==> flow/design.v <==
module subtractor_stage #(
   parameter BITS = 96
) (
   input wire sys_clk,
   input wire [BITS-1:0] dataa,
   input wire [BITS-1:0] datab,
   input wire subtract,
   output reg [BITS-1:0] result,
   output reg cout
);
   reg [BITS-1:0] dataa_d1;
   always @(posedge sys_clk) begin
      dataa_d1 <= dataa;
   end
   reg [BITS-1:0] datab_d1;
   always @(posedge sys_clk) begin
      datab_d1 <= datab;
   end
   reg subtract_d1;
   always @(posedge sys_clk) begin
      subtract_d1 <= subtract;
   end
   wire [BITS-1:0] aux;
   assign aux = datab_d1 ^ {BITS{subtract_d1}};
   wire [BITS:0] cur;
   assign cur = dataa_d1 + aux + subtract_d1;
   always @(posedge sys_clk) begin
      result <= cur[BITS-1:0];
   end
   always @(posedge sys_clk) begin
      cout <= cur[BITS];
   end
endmodule
* Reports on subtractor_stage
What the tools print for subtractor_stage, step after step.
Line numbers count from 1 in the design file above.
Operators: Yosys type, input widths -> output width; for muxes data width and select width s.
Not given: n/a
- Top :: subtractor_stage
- Clock port :: sys_clk
- Standard-cell library :: sky130hd
- Corner :: tt_025C_1v80

* Word-level counts
Yosys after proc, flatten, opt, wreduce and memory -nomap, before mapping. Enables and synchronous resets that opt folds into registers are not counted as muxes. Memory bits, and registers merged into a memory's read port (data or address), are not among the register bits. Print and check cells are not counted. Equal cells are merged and count once.
- Flip-flop bits (word level) :: 290
- Latch bits :: 0
- Memory bits (writable) :: 0
- Memory bits (read-only) :: 0
- Clocked read ports x word width :: 0
- Memories kept :: 0
- Input bits :: 194
- Output and inout bits :: 97
- Elaborated cells :: 8
- $add $sub $neg :: 2
- $mul :: 0
- Div/mod/pow operators :: 0
- Magnitude comparators :: 0
- Equal/unequal tests :: 0
- Shifts and indexed selects :: 0
- Muxes and demuxes :: 0
- Bitwise operators :: 1
- Reductions and logical operators :: 0
** Operators by type and width (count)
- $add 96x96->97 :: 1
- $add 97x1->97 :: 1
- $xor 96x96->96 :: 1

* Depth
Depth = most cells in a row (Yosys ltp): at word level without a register or memory, in the mapped netlist without a sequential cell, where the memories' decode and read muxes count.
- Word-level depth :: 3
- ABC_AREA :: 0
- Gate-level depth with buffers :: 17
- Gate-level depth less buffers :: 14

* After synthesis
The flow's flattened synthesis, as Yosys stat reports it; memories are mapped. The netlist is that of the ABC_AREA named above (0 if unset); the other value can give another one.
The area totals of this step are shown rounded.
- Cells in the netlist :: 1296
- Chip area (Yosys) :: 12800 sq um
- Sequential part of the area :: 5810 sq um
- Flip-flops :: 290
- Buffers :: 53
** Cell types
- sky130_fd_sc_hd__dfxtp_1 :: count 290, area in all 5.81E+03 sq um
- sky130_fd_sc_hd__ha_1 :: count 101, area in all 1.26E+03 sq um
- sky130_fd_sc_hd__xor2_1 :: count 138, area in all 1.21E+03 sq um
- sky130_fd_sc_hd__a21oi_1 :: count 132, area in all 660.634 sq um
- sky130_fd_sc_hd__xnor2_1 :: count 50, area in all 437.92 sq um
- sky130_fd_sc_hd__nand2_1 :: count 94, area in all 352.838 sq um
- sky130_fd_sc_hd__o21ai_0 :: count 67, area in all 335.322 sq um
- sky130_fd_sc_hd__nand4_1 :: count 46, area in all 287.776 sq um
- sky130_fd_sc_hd__a21o_1 :: count 36, area in all 270.259 sq um
- sky130_fd_sc_hd__nor2_1 :: count 63, area in all 236.477 sq um
- sky130_fd_sc_hd__o21bai_1 :: count 25, area in all 187.68 sq um
- sky130_fd_sc_hd__clkbuf_1 :: count 40, area in all 150.144 sq um
- sky130_fd_sc_hd__o21a_1 :: count 17, area in all 127.622 sq um
- sky130_fd_sc_hd__inv_1 :: count 30, area in all 112.608 sq um
- sky130_fd_sc_hd__nor3_1 :: count 16, area in all 80.077 sq um
- sky130_fd_sc_hd__nand3_1 :: count 13, area in all 65.062 sq um
- sky130_fd_sc_hd__o221ai_1 :: count 7, area in all 61.309 sq um
- sky130_fd_sc_hd__a21boi_0 :: count 8, area in all 60.058 sq um
Not listed: further types 52, cells in them 123.

* Path before layout
Source: OpenSTA report_checks on the synthesized netlist (no wires, ideal clock, input and output delay 20% of the period each), path of least setup slack; recovery checks are left aside. Register names are those of the netlist, which keeps one name where synthesis merged equal registers.
- Path kind :: reg-to-reg
- Start :: reg subtract_d1
- End :: reg result[93]
- Clock period :: 4.99 ns
- Library setup time :: 0.120 ns
- Time at the first pin :: 0.000 ns
- Arrival time :: 3.872 ns
- Data required time :: 4.870 ns
- Path slack :: 0.997 ns
- Path delay :: 3.992 ns
- Stages on the path :: 18
- Buffers on the path :: 4
- Synthesis period reached :: 3.993 ns
"path delay" is the arrival time less input delay plus setup time.
"stages on the path": output pins that drive a net of the path, with the launching flip-flop's if there is one; two outputs of one cell count as two.
"synthesis period reached" = period - worst setup slack (recovery checks aside). The figure is calculated, with input and output delays left at 20% of the set period.
The rows between start and end are the longest chain of elaborated cells between them; the timing report does not say that the signal goes this way. Where chains are equally long, one stands for them.
Each line given opens the expression or statement behind the cell; cells for indexed reads and writes are added by Yosys, which also makes memories of some case tables.
- Cell sequence :: sky130_fd_sc_hd__dfxtp_1 > sky130_fd_sc_hd__buf_2 > sky130_fd_sc_hd__clkbuf_1 > sky130_fd_sc_hd__clkbuf_1 > sky130_fd_sc_hd__xor2_1 > sky130_fd_sc_hd__ha_1 > sky130_fd_sc_hd__buf_4 > sky130_fd_sc_hd__a21oi_4 > sky130_fd_sc_hd__o21ai_1 > sky130_fd_sc_hd__a41o_1 > sky130_fd_sc_hd__a221oi_4 > sky130_fd_sc_hd__a2111oi_4 > sky130_fd_sc_hd__o31ai_1 > sky130_fd_sc_hd__a21oi_1 > sky130_fd_sc_hd__nor3_2 > sky130_fd_sc_hd__nand3_1 > sky130_fd_sc_hd__a311o_1 > sky130_fd_sc_hd__xor2_1
- Length of the longest elaborated chain :: 3
- Elaborated cells between the ends (all ways) :: 3
- RTL lines with such cells :: 2
- Classes of those cells :: add/sub (2); logic (1)
** Ends and longest elaborated chain, post-synthesis
- from (decl) :: line 19 : reg subtract_d1;
- from (assign) :: line 21 : subtract_d1 <= subtract;
- $xor 96x96->96 :: line 24 : assign aux = datab_d1 ^ {BITS{subtract_d1}};
- $add 96x96->97 :: line 26 : assign cur = dataa_d1 + aux + subtract_d1;
- $add 97x1->97 :: line 26
- to (assign) :: line 28 : result <= cur[BITS-1:0];
- to (decl) :: line 8 : output reg [BITS-1:0] result,

* Path in the finished layout
From the final timing report of flow run B: the path of least setup slack in the routed layout; clock arrival at registers is part of the times.
- Path kind :: reg-to-reg
- Start :: reg subtract_d1
- End :: reg result[90]
- Clock period :: 4.99 ns
- Library setup time :: 0.12 ns
- Time at the first pin :: 0.55 ns
- Arrival time :: 4.51 ns
- Data required time :: 5.43 ns
- Path slack :: 0.92 ns
- Stages on the path :: 15
- Buffers on the path :: 1
The rows between start and end are the longest chain of elaborated cells between them; the timing report does not say that the signal goes this way. Where chains are equally long, one stands for them.
- Cell sequence :: sky130_fd_sc_hd__dfxtp_4 > sky130_fd_sc_hd__buf_12 > sky130_fd_sc_hd__xor2_1 > sky130_fd_sc_hd__ha_1 > sky130_fd_sc_hd__nand4_1 > sky130_fd_sc_hd__nor4_2 > sky130_fd_sc_hd__nand2_1 > sky130_fd_sc_hd__nor4_2 > sky130_fd_sc_hd__a31oi_2 > sky130_fd_sc_hd__a311o_1 > sky130_fd_sc_hd__a21o_1 > sky130_fd_sc_hd__a31oi_1 > sky130_fd_sc_hd__a211o_2 > sky130_fd_sc_hd__a21boi_1 > sky130_fd_sc_hd__xnor2_1
- Length of the longest elaborated chain :: 3
- Elaborated cells between the ends (all ways) :: 3
- RTL lines with such cells :: 2
- Classes of those cells :: add/sub (2); logic (1)
** Ends and longest elaborated chain, after layout
- from (decl) :: line 19 : reg subtract_d1;
- from (assign) :: line 21 : subtract_d1 <= subtract;
- $xor 96x96->96 :: line 24 : assign aux = datab_d1 ^ {BITS{subtract_d1}};
- $add 96x96->97 :: line 26 : assign cur = dataa_d1 + aux + subtract_d1;
- $add 97x1->97 :: line 26
- to (assign) :: line 28 : result <= cur[BITS-1:0];
- to (decl) :: line 8 : output reg [BITS-1:0] result,

FLOW RESULTS
============

Measured results for subtractor_stage: 3 stored runs of the Yosys and OpenROAD flow on sky130hd. The settings differ; the order carries no meaning. The constraints put input and output delay at 20% of the set period each and load the outputs with 0.01 pF.
"period achieved" means the clock period less the worst setup slack. The figure is calculated, with input and output delays left at 20% of the set period.
"allowed time less slack (worst setup path)": the worst setup path's part of the clock period (all of it between registers, 20% less for each end at a port) less its slack. A launch clock that arrives late makes it longer, a capture clock that arrives late makes it shorter.
By "total power after layout" is meant OpenSTA's value without simulated activity: inputs other than the clock are taken to toggle once in ten clock periods, and the tool carries that through the logic.
Measured values are rounded.

** Flow run A
- Settings :: period_ns=3.82; CORE_UTILIZATION=42; SETUP_SLACK_MARGIN=0.42; PLACE_DENSITY_LB_ADDON=0.17; CORE_ASPECT_RATIO=0.52; CORE_MARGIN=5; CELL_PAD_IN_SITES_GLOBAL_PLACEMENT=3; ABC_AREA=0; CTS_CLUSTER_SIZE=12; CTS_CLUSTER_DIAMETER=77; CAP_MARGIN=30; SLEW_MARGIN=20
- Outcome :: incomplete, placement halted on FLW-0024

** Flow run B
- Settings :: period_ns=4.99; CAP_MARGIN=20; CORE_MARGIN=2; CORE_UTILIZATION=40; SLEW_MARGIN=20
- Cell area after synthesis :: 12800 sq um
- Area of the die :: 33400 sq um
- Standard-cell area after layout :: 17100 sq um
- Post-layout utilization :: 0.542
- Lowest setup slack :: 0.919 ns
- Total power after layout :: 7400 uW
- Period achieved :: 4.071 ns
- Allowed time less slack (worst setup path) :: 4.07 ns
- Critical path type :: reg-to-reg

** Flow run C
- Settings :: period_ns=2.65; CORE_UTILIZATION=57; SETUP_SLACK_MARGIN=0.74; PLACE_DENSITY_LB_ADDON=0.01; CORE_MARGIN=8; CELL_PAD_IN_SITES_GLOBAL_PLACEMENT=0; CELL_PAD_IN_SITES_DETAIL_PLACEMENT=0; TNS_END_PERCENT=50; GPL_TIMING_DRIVEN=1; GPL_ROUTABILITY_DRIVEN=0; CAP_MARGIN=40; SLEW_MARGIN=30
- Outcome :: incomplete, routing halted on GRT-0232
